==> flow/design.v <==
module u_mul_core_top (clock, aresetn, lhs_i, rhs_i, result_o);
  parameter DW = 10;
  input clock;
  input aresetn;
  input signed [DW-1:0] lhs_i;
  input signed [DW-1:0] rhs_i;
  output signed [2*DW-1:0] result_o;
  reg signed [DW-1:0] lhs_d1;
  reg signed [DW-1:0] rhs_d1;
  reg signed [2*DW-1:0] result_d1;
  always @(posedge clock or negedge aresetn) begin
    if (!aresetn) begin
      lhs_d1 <= 0;
      rhs_d1 <= 0;
      result_d1 <= 0;
    end else begin
      lhs_d1 <= lhs_i;
      rhs_d1 <= rhs_i;
      result_d1 <= lhs_d1 * rhs_d1;
    end
  end
  assign result_o = result_d1;
endmodule
Step by step through the tools: u_mul_core_top

Tool output for the design above, in the order of the flow.
Lines are those of the file above, counted from 1.
Operators carry their Yosys type and port widths (W data, S select, Z words).
Cell names lack the library's common part.
Not given: --

Top: u_mul_core_top
Clock input: clock
Cell library: sky130hd
Timing corner: tt_025C_1v80

Word level

Yosys after proc, flatten, opt, wreduce and memory -nomap, before mapping. Enables and synchronous resets that opt folds into registers are not counted as muxes. Memory bits, and registers merged into a memory's read port (data or address), are not among the register bits. Print and check cells are not counted. Equal cells are merged and count once.

Bits in writable memories: 0
Memories kept: 0
Latch bits: 0
Memory bits (read-only): 0
Output and inout bits: 20
Word width x clocked read ports: 0
Register bits after elaboration: 40
Bits of input ports: 22
Elaborated cells: 4

Shift operators: 0
$add $sub $neg: 0
Divide/modulo/power cells: 0
$lt $le $gt $ge: 0
Bitwise operators: 0
Multipliers: 1
Multiplexer cells: 0
Reductions and logical operators: 0
Equality and inequality tests: 0

Operator list:

| kind             | count |
| $mul A10 B10 Y20 | 1 |

Logic depth

Depth = most cells in a row (Yosys ltp): at word level without a register or memory, in the mapped netlist without a sequential cell, where the memories' decode and read muxes count.

Depth after elaboration: 1
ABC_AREA: 0
Gate-level depth with buffers: 19
Gate-level depth less buffers: 18

Synthesis result

The flow's flattened synthesis, as Yosys stat reports it; memories are mapped. The netlist is that of the ABC_AREA named above (0 if unset); the other value can give another one.

Cell types:

| type     | count | area in all (um2) |
| fa_1     | 91    | 1.82E+03 |
| dfrtp_1  | 40    | 1,000.96 |
| ha_1     | 49    | 613.088 |
| inv_1    | 140   | 525.504 |
| nand2_1  | 64    | 240.23 |
| and2_1   | 33    | 206.448 |
| xnor2_1  | 18    | 157.651 |
| clkbuf_1 | 17    | 63.811 |
| a21oi_1  | 12    | 60.058 |
| nor2_1   | 12    | 45.043 |
| xor2_1   | 4     | 35.034 |
| a21o_1   | 4     | 30.029 |
| a211oi_2 | 2     | 25.024 |
| a31oi_1  | 4     | 25.024 |
| nand2b_1 | 4     | 25.024 |
| o21bai_1 | 3     | 22.522 |
| o21ai_2  | 2     | 17.517 |
| a311oi_2 | 1     | 15.014 |

Not listed: further types 16, cells in them 21.

Cells in the netlist: 521
Synthesis area: 5,076.1 um2
Mapped flip-flops: 40
Buffers: 17
Sequential part of the area: 1,001.0 um2

Path before layout

OpenSTA on the mapped netlist: ideal clock, no wires. The path of least setup slack (recovery checks aside). Input and output delay are each 20% of the period. Register names are those of the netlist, which keeps one name where synthesis merged equal registers.

Path kind: register to register
Start: register lhs_d1[9]
End: register result_d1[18]
Driving pins on the path: 17
Path delay: 4.846 ns
Slack: 1.214 ns
Path buffers: 1
Required time: 5.980 ns
Arrival time: 4.766 ns
Launch time at the first pin: 0.000 ns
Setup time: 0.080 ns
Clock period: 6.06 ns
Synthesis period reached: 4.846 ns

"path delay" = arrival - input delay + setup time.
"driving pins on the path" counts driving pins, that of a launching flip-flop among them; a cell with two outputs on the path counts twice.
"synthesis period reached" is the clock period less the worst setup slack; recovery checks do not enter. This is arithmetic on one report: input and output delays are still those of the set period (20% each).
The rows between start and end are the longest chain of elaborated cells between them; the timing report does not say that the signal goes this way. Where chains are equally long, one stands for them.
Each line given opens the expression or statement behind the cell; cells for indexed reads and writes are added by Yosys, which also makes memories of some case tables.

Cells stage by stage: dfrtp_1 clkbuf_1 and2_1 fa_1 inv_1 fa_1 inv_1 fa_1 fa_1 inv_1 fa_1 inv_1 ha_1 nand2_1 a2111o_1 a211o_1 o211ai_2
Cells in the longest elaborated chain: 1
Elaborated cells between the ends (all ways): 1
RTL lines with such cells: 1
Classes of those cells: mul (1)

RTL lines, path post-synthesis:

| item             | RTL line | text |
| from (decl)      | 8        | `reg signed [DW-1:0] lhs_d1;` |
| from (assign)    | 13       | `lhs_d1 <= 0;` |
| from (assign)    | 17       | `lhs_d1 <= lhs_i;` |
| $mul A10 B10 Y20 | 19       | `result_d1 <= lhs_d1 * rhs_d1;` |
| to (assign)      | 15       | `result_d1 <= 0;` |
| to (assign)      | 19       |  |
| to (decl)        | 10       | `reg signed [2*DW-1:0] result_d1;` |

Timing after layout

Path of least setup slack in the final report of run 1 (OpenROAD, finished layout, wires in). Where an end is a register, its clock arrival counts in the times.

Path kind: register to register
Start: register lhs_d1[3]
End: register result_d1[18]
Path buffers: 1
Driving pins on the path: 18
Clock period: 3.86 ns
Arrival time: 5.11 ns
Required time: 4.10 ns
Slack: -1.01 ns
Setup time: 0.07 ns
Launch time at the first pin: 0.30 ns

The rows between start and end are the longest chain of elaborated cells between them; the timing report does not say that the signal goes this way. Where chains are equally long, one stands for them.

Cells stage by stage: dfrtp_1 clkbuf_8 and2_4 fa_1 inv_2 fa_1 inv_1 fa_1 fa_1 inv_1 fa_1 inv_2 ha_4 and4_4 o21ai_4 a2111o_1 a211o_1 o211ai_2
Cells in the longest elaborated chain: 1
Elaborated cells between the ends (all ways): 1
RTL lines with such cells: 1
Classes of those cells: mul (1)

RTL lines, path post-layout:

| item             | RTL line | text |
| from (decl)      | 8        | `reg signed [DW-1:0] lhs_d1;` |
| from (assign)    | 13       | `lhs_d1 <= 0;` |
| from (assign)    | 17       | `lhs_d1 <= lhs_i;` |
| $mul A10 B10 Y20 | 19       | `result_d1 <= lhs_d1 * rhs_d1;` |
| to (assign)      | 15       | `result_d1 <= 0;` |
| to (assign)      | 19       |  |
| to (decl)        | 10       | `reg signed [2*DW-1:0] result_d1;` |

==> results <==
Settings and measured results of 3 stored flow runs for module u_mul_core_top (sky130hd), not sorted in any way. The constraints put input and output delay at 20% of the set period each and load the outputs with 0.01 pF.
"achieved clock period" = clock period - worst setup slack. The figure is calculated, with input and output delays left at 20% of the set period.
"time on the worst setup path" is the time allowed to the run's worst setup path (the clock period less input and output delay, where it has them) less its slack. Clock arrival times count: a late capture clock shortens it, a late launch clock lengthens it.
Settings: - = not set for that run.

| setting or result                            | run 1                | run 2                | run 3                |
| period_ns                                    | 3.86                 | 6.06                 | 3.93                 |
| CORE_UTILIZATION                             | 29                   | 40                   | 48                   |
| SETUP_SLACK_MARGIN                           | 0.76                 | -                    | -                    |
| PLACE_DENSITY_LB_ADDON                       | 0.2                  | -                    | 0.29                 |
| HOLD_SLACK_MARGIN                            | 0.06                 | -                    | -                    |
| CELL_PAD_IN_SITES_GLOBAL_PLACEMENT           | 2                    | -                    | 0                    |
| CELL_PAD_IN_SITES_DETAIL_PLACEMENT           | 1                    | -                    | -                    |
| TNS_END_PERCENT                              | 75                   | -                    | 40                   |
| GPL_TIMING_DRIVEN                            | 0                    | -                    | 0                    |
| GPL_ROUTABILITY_DRIVEN                       | 1                    | -                    | 1                    |
| CTS_CLUSTER_SIZE                             | 47                   | -                    | -                    |
| CTS_CLUSTER_DIAMETER                         | 243                  | -                    | 153                  |
| MAX_ROUTING_LAYER                            | met5                 | -                    | met5                 |
| CAP_MARGIN                                   | 20                   | 20                   | 20                   |
| CORE_MARGIN                                  | 2                    | 2                    | 3                    |
| SLEW_MARGIN                                  | 20                   | 20                   | 20                   |
| ABC_AREA                                     | -                    | -                    | 1                    |
| sum of negative setup slack (ns)             | -7.576               | 0.000                | -4.993               |
| achieved clock period (ns)                   | 4.873                | 5.096                | 4.508                |
| time on the worst setup path (ns)            | 4.87                 | 5.10                 | 4.51                 |
| kind of the worst setup path                 | register to register | register to register | register to register |
| die size (um2)                               | 18,577.7             | 13,607.2             | 12,550.7             |
| smallest setup slack (ns)                    | -1.013               | 0.964                | -0.578               |
| standard-cell area of the final layout (um2) | 6,466.2              | 5,804.3              | 7,086.8              |
| final utilization                            | 0.376                | 0.464                | 0.648                |
| Yosys chip area after synthesis (um2)        | 5,076.1              | 5,076.1              | 5,396.4              |
